==> flow/design.v <==
module mplex_top #(
   parameter WIDTH = 1
) (
   input clock,
   input [WIDTH-1:0] bus0,
   input [WIDTH-1:0] bus1,
   input [WIDTH-1:0] bus2,
   input [WIDTH-1:0] bus3,
   input [WIDTH-1:0] bus4,
   input [WIDTH-1:0] bus5,
   input [WIDTH-1:0] bus6,
   input [WIDTH-1:0] bus7,
   input [WIDTH-1:0] bus8,
   input [WIDTH-1:0] bus9,
   input [3:0] addr,
   output [WIDTH-1:0] result
);
   reg [WIDTH-1:0] bus0_reg;
   reg [WIDTH-1:0] bus1_reg;
   reg [WIDTH-1:0] bus2_reg;
   reg [WIDTH-1:0] bus3_reg;
   reg [WIDTH-1:0] bus4_reg;
   reg [WIDTH-1:0] bus5_reg;
   reg [WIDTH-1:0] bus6_reg;
   reg [WIDTH-1:0] bus7_reg;
   reg [WIDTH-1:0] bus8_reg;
   reg [WIDTH-1:0] bus9_reg;
   reg [3:0] addr_reg;
   always @(posedge clock) begin
      bus0_reg <= bus0;
      bus1_reg <= bus1;
      bus2_reg <= bus2;
      bus3_reg <= bus3;
      bus4_reg <= bus4;
      bus5_reg <= bus5;
      bus6_reg <= bus6;
      bus7_reg <= bus7;
      bus8_reg <= bus8;
      bus9_reg <= bus9;
      addr_reg <= addr;
   end
   wire [WIDTH-1:0] work;
   assign work =
      (addr_reg == 4'd0) ? bus0_reg :
      (addr_reg == 4'd1) ? bus1_reg :
      (addr_reg == 4'd2) ? bus2_reg :
      (addr_reg == 4'd3) ? bus3_reg :
      (addr_reg == 4'd4) ? bus4_reg :
      (addr_reg == 4'd5) ? bus5_reg :
      (addr_reg == 4'd6) ? bus6_reg :
      (addr_reg == 4'd7) ? bus7_reg :
      (addr_reg == 4'd8) ? bus8_reg :
      bus9_reg;
   reg [WIDTH-1:0] result_reg;
   always @(posedge clock) begin
      result_reg <= work;
   end
   assign result = result_reg;
endmodule
# ---- Step by step through the tools: mplex_top
# Module mplex_top in several versions that differ in "WIDTH"; each step lists the members.
# The RTL above is that of WIDTH = 1; lines are counted from 1 in the file of the member named.
# Operators: Yosys type, input widths -> output width; for muxes data width and select width s.
# Library cell names are shortened.
# A cell with -- has no value.
dict set report design {
  design {mplex_top}
  clock {clock}
  cell_library {sky130hd}
  corner {tt_025C_1v80}
}

# ---- Members of the sweep
# Lines of each other member's file that are new or changed against the file above; lines that a member lacks are not shown.
# WIDTH line_no
set src_changes {}
lappend src_changes {2 2} ;# parameter WIDTH = 2
lappend src_changes {16 2} ;# parameter WIDTH = 16
lappend src_changes {24 2} ;# parameter WIDTH = 24
lappend src_changes {48 2} ;# parameter WIDTH = 48

# ---- After elaboration
# Source: Yosys, flattened and elaborated, memories not mapped. Widths are those after wreduce; folded enables and synchronous resets count as part of the registers. Registers that Yosys merges into a memory's read port (data or address) are not register bits. Print and check cells do not count. Equal cells are merged and count once.
# WIDTH equal mux reduce_and_logical
set classes {}
lappend classes {1 8 9 1}
lappend classes {2 8 9 1}
lappend classes {16 8 9 1}
lappend classes {24 8 9 1}
lappend classes {48 8 9 1}
# WIDTH operators
set op_table {}
lappend op_table {1 {4 x $eq 4x3->1 const B; 9 x $mux 1; 2 x $eq 4x2->1 const B; 1 x $eq 4x1->1 const B; 1 x $eq 4x4->1 const B; 1 x $logic_not 4->1}}
lappend op_table {2 {9 x $mux 2; 4 x $eq 4x3->1 const B; 2 x $eq 4x2->1 const B; 1 x $eq 4x1->1 const B; 1 x $eq 4x4->1 const B; 1 x $logic_not 4->1}}
lappend op_table {16 {9 x $mux 16; 4 x $eq 4x3->1 const B; 2 x $eq 4x2->1 const B; 1 x $eq 4x1->1 const B; 1 x $eq 4x4->1 const B; 1 x $logic_not 4->1}}
lappend op_table {24 {9 x $mux 24; 4 x $eq 4x3->1 const B; 2 x $eq 4x2->1 const B; 1 x $eq 4x1->1 const B; 1 x $eq 4x4->1 const B; 1 x $logic_not 4->1}}
lappend op_table {48 {9 x $mux 48; 4 x $eq 4x3->1 const B; 2 x $eq 4x2->1 const B; 1 x $eq 4x1->1 const B; 1 x $eq 4x4->1 const B; 1 x $logic_not 4->1}}
# WIDTH regBits input_bits out_inout_bits
set bits {}
lappend bits {1 15 15 1}
lappend bits {2 26 25 2}
lappend bits {16 180 165 16}
lappend bits {24 268 245 24}
lappend bits {48 532 485 48}

# ---- Logic depth
# Longest topological path by Yosys (ltp), each cell counted once; first at word level (registers and memories cut), then after technology mapping (sequential cells cut; the memories' decode and read muxes count).
# WIDTH depth_word ABC_AREA depth_mapped ltp_nobuf
set depth {}
lappend depth {1 10 0 5 4}
lappend depth {2 10 0 6 5}
lappend depth {16 10 0 8 5}
lappend depth {24 10 0 8 5}
lappend depth {48 10 0 8 5}

# ---- Synthesis result
# The flow's flattened synthesis, as Yosys stat reports it; memories are mapped. The netlist is that of the ABC_AREA named above (0 if unset); the other value can give another one.
# WIDTH cell_count synth_area_um2 ffs buffers
set synth_totals {}
lappend synth_totals {1 40 500.5 15 2}
lappend synth_totals {2 73 819.5 26 4}
lappend synth_totals {16 483 5457.7 180 33}
lappend synth_totals {24 661 8164.1 268 46}
lappend synth_totals {48 1427 16144.2 532 103}
# WIDTH type_list
set by_type {}
lappend by_type {1 {15 x dfxtp_1; 4 x mux2i_1; 2 x nor4b_1; 1 x a211oi_2; 1 x nor3b_2; 1 x buf_6; 1 x and3b_2; 1 x o31a_2; 1 x a221oi_1; 1 x or4_2; 1 x xnor2_1; 1 x buf_4; 2 x inv_1; 2 x nor2_1; 1 x nor3b_1; 1 x o31ai_1; 1 x nand2b_1; 1 x nor4_1; [+2]}}
lappend by_type {2 {26 x dfxtp_1; 5 x a21oi_1; 1 x mux4_2; 6 x nor2_1; 2 x mux2i_1; 2 x buf_4; 4 x nand2_1; 3 x o21ai_0; 2 x a31oi_1; 2 x nand2b_1; 2 x o22ai_1; 2 x or3_1; 1 x o32a_2; 2 x buf_2; 1 x a2111oi_0; 1 x o311ai_0; 1 x o31a_1; 1 x a211oi_1; [+9]}}
lappend by_type {16 {180 x dfxtp_1; 52 x a21oi_1; 22 x mux2i_1; 37 x nor2_1; 6 x mux4_2; 15 x o221ai_1; 25 x o21ai_0; 33 x nand2_1; 14 x o22ai_1; 17 x buf_2; 12 x clkbuf_1; 5 x a32oi_1; 4 x a221oi_1; 4 x o32ai_1; 5 x a31oi_1; 5 x or3_1; 4 x a22oi_1; 4 x nor2b_1; [+39]}}
lappend by_type {24 {268 x dfxtp_1; 85 x a21oi_1; 17 x mux4_2; 28 x mux2i_1; 39 x o21ai_0; 16 x o221a_2; 17 x a22o_1; 9 x a221oi_2; 33 x nand2_1; 12 x a221oi_1; 16 x buf_2; 6 x buf_6; 16 x clkbuf_1; 12 x o21ai_1; 7 x buf_4; 8 x o22ai_1; 13 x nor2_1; 6 x a211oi_1; [+53]}}
lappend by_type {48 {532 x dfxtp_1; 134 x a21oi_1; 21 x mux4_2; 95 x nor2_1; 46 x a22oi_1; 34 x mux2i_1; 66 x o21ai_0; 87 x nand2_1; 46 x o22ai_1; 38 x a211oi_1; 47 x buf_2; 38 x nor3_1; 24 x nor2b_1; 19 x a21o_1; 35 x clkbuf_1; 23 x nand3_1; 22 x o21ai_1; 11 x a2bb2oi_1; [+109]}}
# The mark [+n] counts cells that are not listed.

# ---- Timing after synthesis
# Source: OpenSTA report_checks on the synthesized netlist (no wires, ideal clock, input and output delay 20% of the period each), path of least setup slack; recovery checks are left aside. Register names are those of the netlist, which keeps one name where synthesis merged equal registers.
# WIDTH path_kind startpoint endpoint clock_period_ns slack_ns path_stages path_delay_ns period_less_setup_slack_ns
set synth_path {}
lappend synth_path {1 {register -> register} {reg addr_reg[1]} {reg result_reg} 1.53 0.302 4 1.228 1.228}
lappend synth_path {2 {register -> register} {reg addr_reg[1]} {reg result_reg[1]} 1.64 0.327 5 1.313 1.313}
lappend synth_path {16 {register -> register} {reg addr_reg[2]} {reg result_reg[13]} 2.01 0.401 8 1.609 1.609}
lappend synth_path {24 {register -> register} {reg addr_reg[0]} {reg result_reg[7]} 1.9 0.379 6 1.521 1.521}
lappend synth_path {48 {register -> register} {reg addr_reg[1]} {reg result_reg[35]} 1.99 0.399 8 1.590 1.591}
# "path_delay_ns" is the arrival time less input delay plus setup time.
# "path_stages": output pins that drive a net of the path, with the launching flip-flop's if there is one; two outputs of one cell count as two.
# "period_less_setup_slack_ns" = period - worst setup slack (recovery checks aside). The figure is calculated, with input and output delays left at 20% of the set period.
# Between the ends stands the longest chain of elaborated cells between them, by number of cells; it is not shown to be the way that was timed. Of several equally long chains one is given.
# Each line given opens the expression or statement behind the cell; cells for indexed reads and writes are added by Yosys, which also makes memories of some case tables.
dict set report synth_between_WIDTH_1 {
  elab_chain_len 10
}
# element line_no
set synth_rtl_WIDTH_1 {}
lappend synth_rtl_WIDTH_1 {{start, declared} 28} ;# reg [3:0] addr_reg;
lappend synth_rtl_WIDTH_1 {{start, assigned} 40} ;# addr_reg <= addr;
lappend synth_rtl_WIDTH_1 {{$eq 4x4->1} 52} ;# (addr_reg == 4'd8) ? bus8_reg :
lappend synth_rtl_WIDTH_1 {{$mux 1} 52}
lappend synth_rtl_WIDTH_1 {{$mux 1} 51} ;# (addr_reg == 4'd7) ? bus7_reg :
lappend synth_rtl_WIDTH_1 {{$mux 1} 50} ;# (addr_reg == 4'd6) ? bus6_reg :
lappend synth_rtl_WIDTH_1 {{$mux 1} 49} ;# (addr_reg == 4'd5) ? bus5_reg :
lappend synth_rtl_WIDTH_1 {{$mux 1} 48} ;# (addr_reg == 4'd4) ? bus4_reg :
lappend synth_rtl_WIDTH_1 {{$mux 1} 47} ;# (addr_reg == 4'd3) ? bus3_reg :
lappend synth_rtl_WIDTH_1 {{$mux 1} 46} ;# (addr_reg == 4'd2) ? bus2_reg :
lappend synth_rtl_WIDTH_1 {{$mux 1} 45} ;# (addr_reg == 4'd1) ? bus1_reg :
lappend synth_rtl_WIDTH_1 {{$mux 1} 44} ;# (addr_reg == 4'd0) ? bus0_reg :
lappend synth_rtl_WIDTH_1 {{end, assigned} 56} ;# result_reg <= work;
lappend synth_rtl_WIDTH_1 {{end, declared} 54} ;# reg [WIDTH-1:0] result_reg;
dict set report synth_between_WIDTH_48 {
  elab_chain_len 10
}
# element line_no
set synth_rtl_WIDTH_48 {}
lappend synth_rtl_WIDTH_48 {{start, declared} 28} ;# reg [3:0] addr_reg;
lappend synth_rtl_WIDTH_48 {{start, assigned} 40} ;# addr_reg <= addr;
lappend synth_rtl_WIDTH_48 {{$eq 4x4->1} 52} ;# (addr_reg == 4'd8) ? bus8_reg :
lappend synth_rtl_WIDTH_48 {{$mux 48} 52}
lappend synth_rtl_WIDTH_48 {{$mux 48} 51} ;# (addr_reg == 4'd7) ? bus7_reg :
lappend synth_rtl_WIDTH_48 {{$mux 48} 50} ;# (addr_reg == 4'd6) ? bus6_reg :
lappend synth_rtl_WIDTH_48 {{$mux 48} 49} ;# (addr_reg == 4'd5) ? bus5_reg :
lappend synth_rtl_WIDTH_48 {{$mux 48} 48} ;# (addr_reg == 4'd4) ? bus4_reg :
lappend synth_rtl_WIDTH_48 {{$mux 48} 47} ;# (addr_reg == 4'd3) ? bus3_reg :
lappend synth_rtl_WIDTH_48 {{$mux 48} 46} ;# (addr_reg == 4'd2) ? bus2_reg :
lappend synth_rtl_WIDTH_48 {{$mux 48} 45} ;# (addr_reg == 4'd1) ? bus1_reg :
lappend synth_rtl_WIDTH_48 {{$mux 48} 44} ;# (addr_reg == 4'd0) ? bus0_reg :
lappend synth_rtl_WIDTH_48 {{end, assigned} 56} ;# result_reg <= work;
lappend synth_rtl_WIDTH_48 {{end, declared} 54} ;# reg [WIDTH-1:0] result_reg;

# ---- Worst path after layout
# Path of least setup slack in the final report of the run of each member (OpenROAD, finished layout, wires in). Where an end is a register, its clock arrival counts in the times.
# WIDTH path_kind startpoint endpoint clock_period_ns slack_ns path_stages t_arrival_ns n_path_buf
set layout_path {}
lappend layout_path {1 {register -> output} {reg result_reg} {out result[0]} 1.53 0.12 2 1.10 1}
lappend layout_path {2 {register -> output} {reg result_reg[1]} {out result[1]} 1.64 0.14 2 1.18 1}
lappend layout_path {16 {register -> register} {reg addr_reg[1]} {reg result_reg[14]} 2.01 0.21 7 2.10 1}
lappend layout_path {24 {register -> output} {reg result_reg[12]} {out result[12]} 1.9 0.05 2 1.47 1}
lappend layout_path {48 {register -> output} {reg result_reg[17]} {out result[17]} 1.99 0.05 2 1.54 1}

# ---- Layout results
# Settings and results of one run of the flow (Yosys, OpenROAD) for each member follow. The constraints put input and output delay at 20% of the set period each and load the outputs with 0.01 pF.
dict set report settings {
  CAP_MARGIN 20
  CORE_MARGIN 2
  CORE_UTILIZATION 40
  SLEW_MARGIN 20
}
# WIDTH period_ns
set settings_diff {}
lappend settings_diff {1 1.53}
lappend settings_diff {2 1.64}
lappend settings_diff {16 2.01}
lappend settings_diff {24 1.9}
lappend settings_diff {48 1.99}
# WIDTH post_synth_area_um2 final_die_area_um2 final_stdcell_area_um2 util_pct setup_ws_ns tns_setup_ns holdWs_ns power_total_uw clock_period_reached_ns
set results {}
lappend results {1 500.5 1550.0 676.9 59.3 0.119 0.000 0.464 719.8 1.411}
lappend results {2 819.5 2427.0 1133.6 58.4 0.137 0.000 0.439 1125 1.503}
lappend results {16 5457.7 14595.1 8136.6 61.2 0.208 0.000 0.415 8047 1.802}
lappend results {24 8164.1 21569.3 12060.3 60.0 0.054 0.000 0.289 12759 1.846}
lappend results {48 16144.2 41984.0 24003.0 60.3 0.048 0.000 0.251 24402 1.942}
# By "clock_period_reached_ns" is meant the clock period of the run minus its worst setup slack. This is arithmetic on one report: input and output delays are still those of the set period (20% each).
# By "power_total_uw" is meant OpenSTA's value without simulated activity: inputs other than the clock are taken to toggle once in ten clock periods, and the tool carries that through the logic.
